==> flow/design.v <==
module alu_mux_top #(
  parameter integer DW = 12,
  parameter integer N = 6,
  parameter integer SW = $clog2(N)
) (
  input  logic aclk,
  input  logic enable,
  input  logic [N*DW-1:0] ch_i,
  input  logic [SW-1:0] s_i,
  output logic [DW-1:0] z_o_o
);
  wire [DW-1:0] arr [0:N-1];
  generate
    for (genvar g = 0; g < N; g++) begin : gen
      assign arr[g] = ch_i[g*DW +: DW];
    end
  endgenerate
  always_ff @(posedge aclk) begin
    if (enable) begin
      z_o_o <= arr[s_i];
    end
  end
endmodule
* Reports on alu_mux_top
The steps from the RTL of alu_mux_top to its reports follow in flow order. Lines are those of the file above, counted from 1. Cell names lack the library's common part. The mark - stands for no value.
Inputs: top alu_mux_top, clock port aclk, cell library sky130hd, library corner tt_025C_1v80

* Word-level counts
Yosys after proc, flatten, opt, wreduce and memory -nomap, before mapping. Memory bits, and registers merged into a memory's read port (data or address), are not among the register bits. Print and check cells are not counted. Equal cells are merged and count once.
Storage and ports: register bits 12, elaborated cells 8, output and inout port bits 12
Operators by class: reductions and logical operators 1, eq/ne operators 5, multiplexer cells 1
Operators by type and width (count):
- 12-bit parallel mux with 6-bit select | 1
- 3-bit by 2-bit == test with 1-bit output (second input constant) | 2
- 3-bit == test (second input constant) | 2
- 3-bit by 1-bit == test with 1-bit output (second input constant) | 1
- 3-bit logical NOT | 1

* Logic depth
Longest topological path by Yosys (ltp), each cell counted once; first at word level (registers and memories cut), then after technology mapping (sequential cells cut; the memories' decode and read muxes count).
Logic depth: word-level depth 2, ABC_AREA 1, gate-level depth with buffers 7

* Netlist
Source: synth_stat.txt of the flow (Yosys; design flattened, memories mapped). It holds for the ABC_AREA given above (unset counts as 0); a run with the other value may have another netlist. The area totals of this step are shown rounded.
Synthesis totals: buffer cells 18, sequential area 360 um^2, flip-flop cells 12, mapped cells 158, chip area (Yosys) 1200 um^2
Cells by type:
- edfxtp_1 | count 12, area in all 360.346 um^2
- nand4_1 | count 48, area in all 300.288 um^2
- nand2_1 | count 36, area in all 135.13 um^2
- nand3_1 | count 24, area in all 120.115 um^2
- buf_6 | count 8, area in all 90.086 um^2
- buf_4 | count 8, area in all 60.058 um^2
- nor2_1 | count 12, area in all 45.043 um^2
- inv_6 | count 2, area in all 17.517 um^2
- nand3_4 | count 1, area in all 17.517 um^2
- buf_8 | count 1, area in all 15.014 um^2
- nand2_2 | count 2, area in all 12.512 um^2
- nor2_4 | count 1, area in all 11.261 um^2
- inv_2 | count 2, area in all 7.507 um^2
- buf_2 | count 1, area in all 5.005 um^2

* Timing after synthesis
OpenSTA on the mapped netlist: ideal clock, no wires. The path of least setup slack (recovery checks aside). Input and output delay are each 20% of the period. Register names are those of the netlist, which keeps one name where synthesis merged equal registers.
Timing path post-synthesis: path type input port to flip-flop, start point input port s_i[1], end point register z_o_o[0], input delay 0.310 ns, path buffers 2, setup time 0.260 ns, stages on the path 6, path delay 0.825 ns, data arrival time 0.875 ns, time at the first pin 0.310 ns, data required time 1.290 ns, slack 0.415 ns, period 1.55 ns, synthesis period reached 1.135 ns
"path delay" = arrival - input delay + setup time. "stages on the path": output pins that drive a net of the path, with the launching flip-flop's if there is one; two outputs of one cell count as two. "synthesis period reached" = period - worst setup slack (recovery checks aside). The figure is calculated, with input and output delays left at 20% of the set period. The rows between start and end are the longest chain of elaborated cells between them; the timing report does not say that the signal goes this way. Where chains are equally long, one stands for them. Each line given opens the expression or statement behind the cell; cells for indexed reads and writes are added by Yosys, which also makes memories of some case tables.
On the way, post-synthesis: cells stage by stage buf_6 > inv_6 > nand3_4 > buf_4 > nand4_1 > nand3_1, length of the longest elaborated chain 2, elaborated cells between the ends (all ways) 7, source lines of those cells 1, classes of those cells eq/ne: 5; mux: 1; reduce/logical: 1
Ends and longest elaborated chain, post-synthesis:
- from (decl) | RTL line 9 | input  logic [SW-1:0] s_i,
- 3-bit == test | RTL line 20 | z_o_o <= arr[s_i];
- 12-bit parallel mux with 6-bit select | RTL line 20
- to (assign) | RTL line 20
- to (decl) | RTL line 10 | output logic [DW-1:0] z_o_o

* Path in the finished layout
Path of least setup slack in the final report of run 1 (OpenROAD, finished layout, wires in). Where an end is a register, its clock arrival counts in the times.
Timing path post-layout: path type flip-flop to output port, start point register z_o_o[11], end point output port z_o_o[11], period 1.2 ns, data arrival time 0.91 ns, stages on the path 2, output delay 0.24 ns, path buffers 1, slack 0.05 ns, time at the first pin 0.25 ns, data required time 0.96 ns
On the way, post-layout: cells stage by stage edfxtp_1 > dlygate4sd2_1, length of the longest elaborated chain 0, elaborated cells between the ends (all ways) 0, source lines of those cells 0
Ends and longest elaborated chain, post-layout:
- from (decl) | RTL line 10 | output logic [DW-1:0] z_o_o
- from (assign) | RTL line 20 | z_o_o <= arr[s_i];
- to (decl) | RTL line 10

Add stored flow runs of alu_mux_top

3 stored runs of alu_mux_top in the flow (synthesis by Yosys, layout by OpenROAD, sky130hd cells), in arbitrary order. Constraints: input delay and output delay 20% of the set period each, output load 0.01 pF.
By "achieved clock period" is meant the clock period of the run minus its worst setup slack. This is arithmetic on one report: input and output delays are still those of the set period (20% each).
By "worst setup path time" is meant the share of the clock period that the worst setup path is allowed (20% is reserved at inputs, 20% at outputs), minus its slack. Clock arrival times at its registers enter into it.
By "power" is meant OpenSTA's value without simulated activity: inputs other than the clock are taken to toggle once in ten clock periods, and the tool carries that through the logic.
Measured values are rounded.
[run 1] settings: period_ns=1.2, CORE_UTILIZATION=30, ABC_AREA=1, CAP_MARGIN=0, SLEW_MARGIN=20, MIN_ROUTING_LAYER=met1, MAX_ROUTING_LAYER=met5, CORE_MARGIN=2
[run 1] result: chip area after synthesis (Yosys) 1200 um^2, die area 4510 um^2, standard-cell area of the final layout 2310 um^2, utilization 61.8%, worst setup slack after layout 0.046 ns, total negative slack 0.000 ns, worst hold slack 0.612 ns, power 1.60 mW, achieved clock period 1.154 ns, worst setup path time 0.91 ns, worst setup path kind flip-flop to output port
[run 2] settings: period_ns=2.38, CORE_UTILIZATION=67, SETUP_SLACK_MARGIN=-0.18, PLACE_DENSITY_LB_ADDON=0.03, CORE_MARGIN=6, CELL_PAD_IN_SITES_GLOBAL_PLACEMENT=3, TNS_END_PERCENT=65, GPL_TIMING_DRIVEN=1, GPL_ROUTABILITY_DRIVEN=0, CTS_CLUSTER_DIAMETER=391, CAP_MARGIN=15, SLEW_MARGIN=20
[run 2] result: did not finish, placement stopped with FLW-0024
[run 3] settings: period_ns=1.55, CAP_MARGIN=20, CORE_MARGIN=2, CORE_UTILIZATION=40, SLEW_MARGIN=20
[run 3] result: chip area after synthesis (Yosys) 1050 um^2, die area 3060 um^2, standard-cell area of the final layout 2050 um^2, utilization 82.7%, worst setup slack after layout 0.053 ns, total negative slack 0.000 ns, worst hold slack 0.704 ns, power 1.12 mW, achieved clock period 1.497 ns, worst setup path time 1.19 ns, worst setup path kind input port to flip-flop
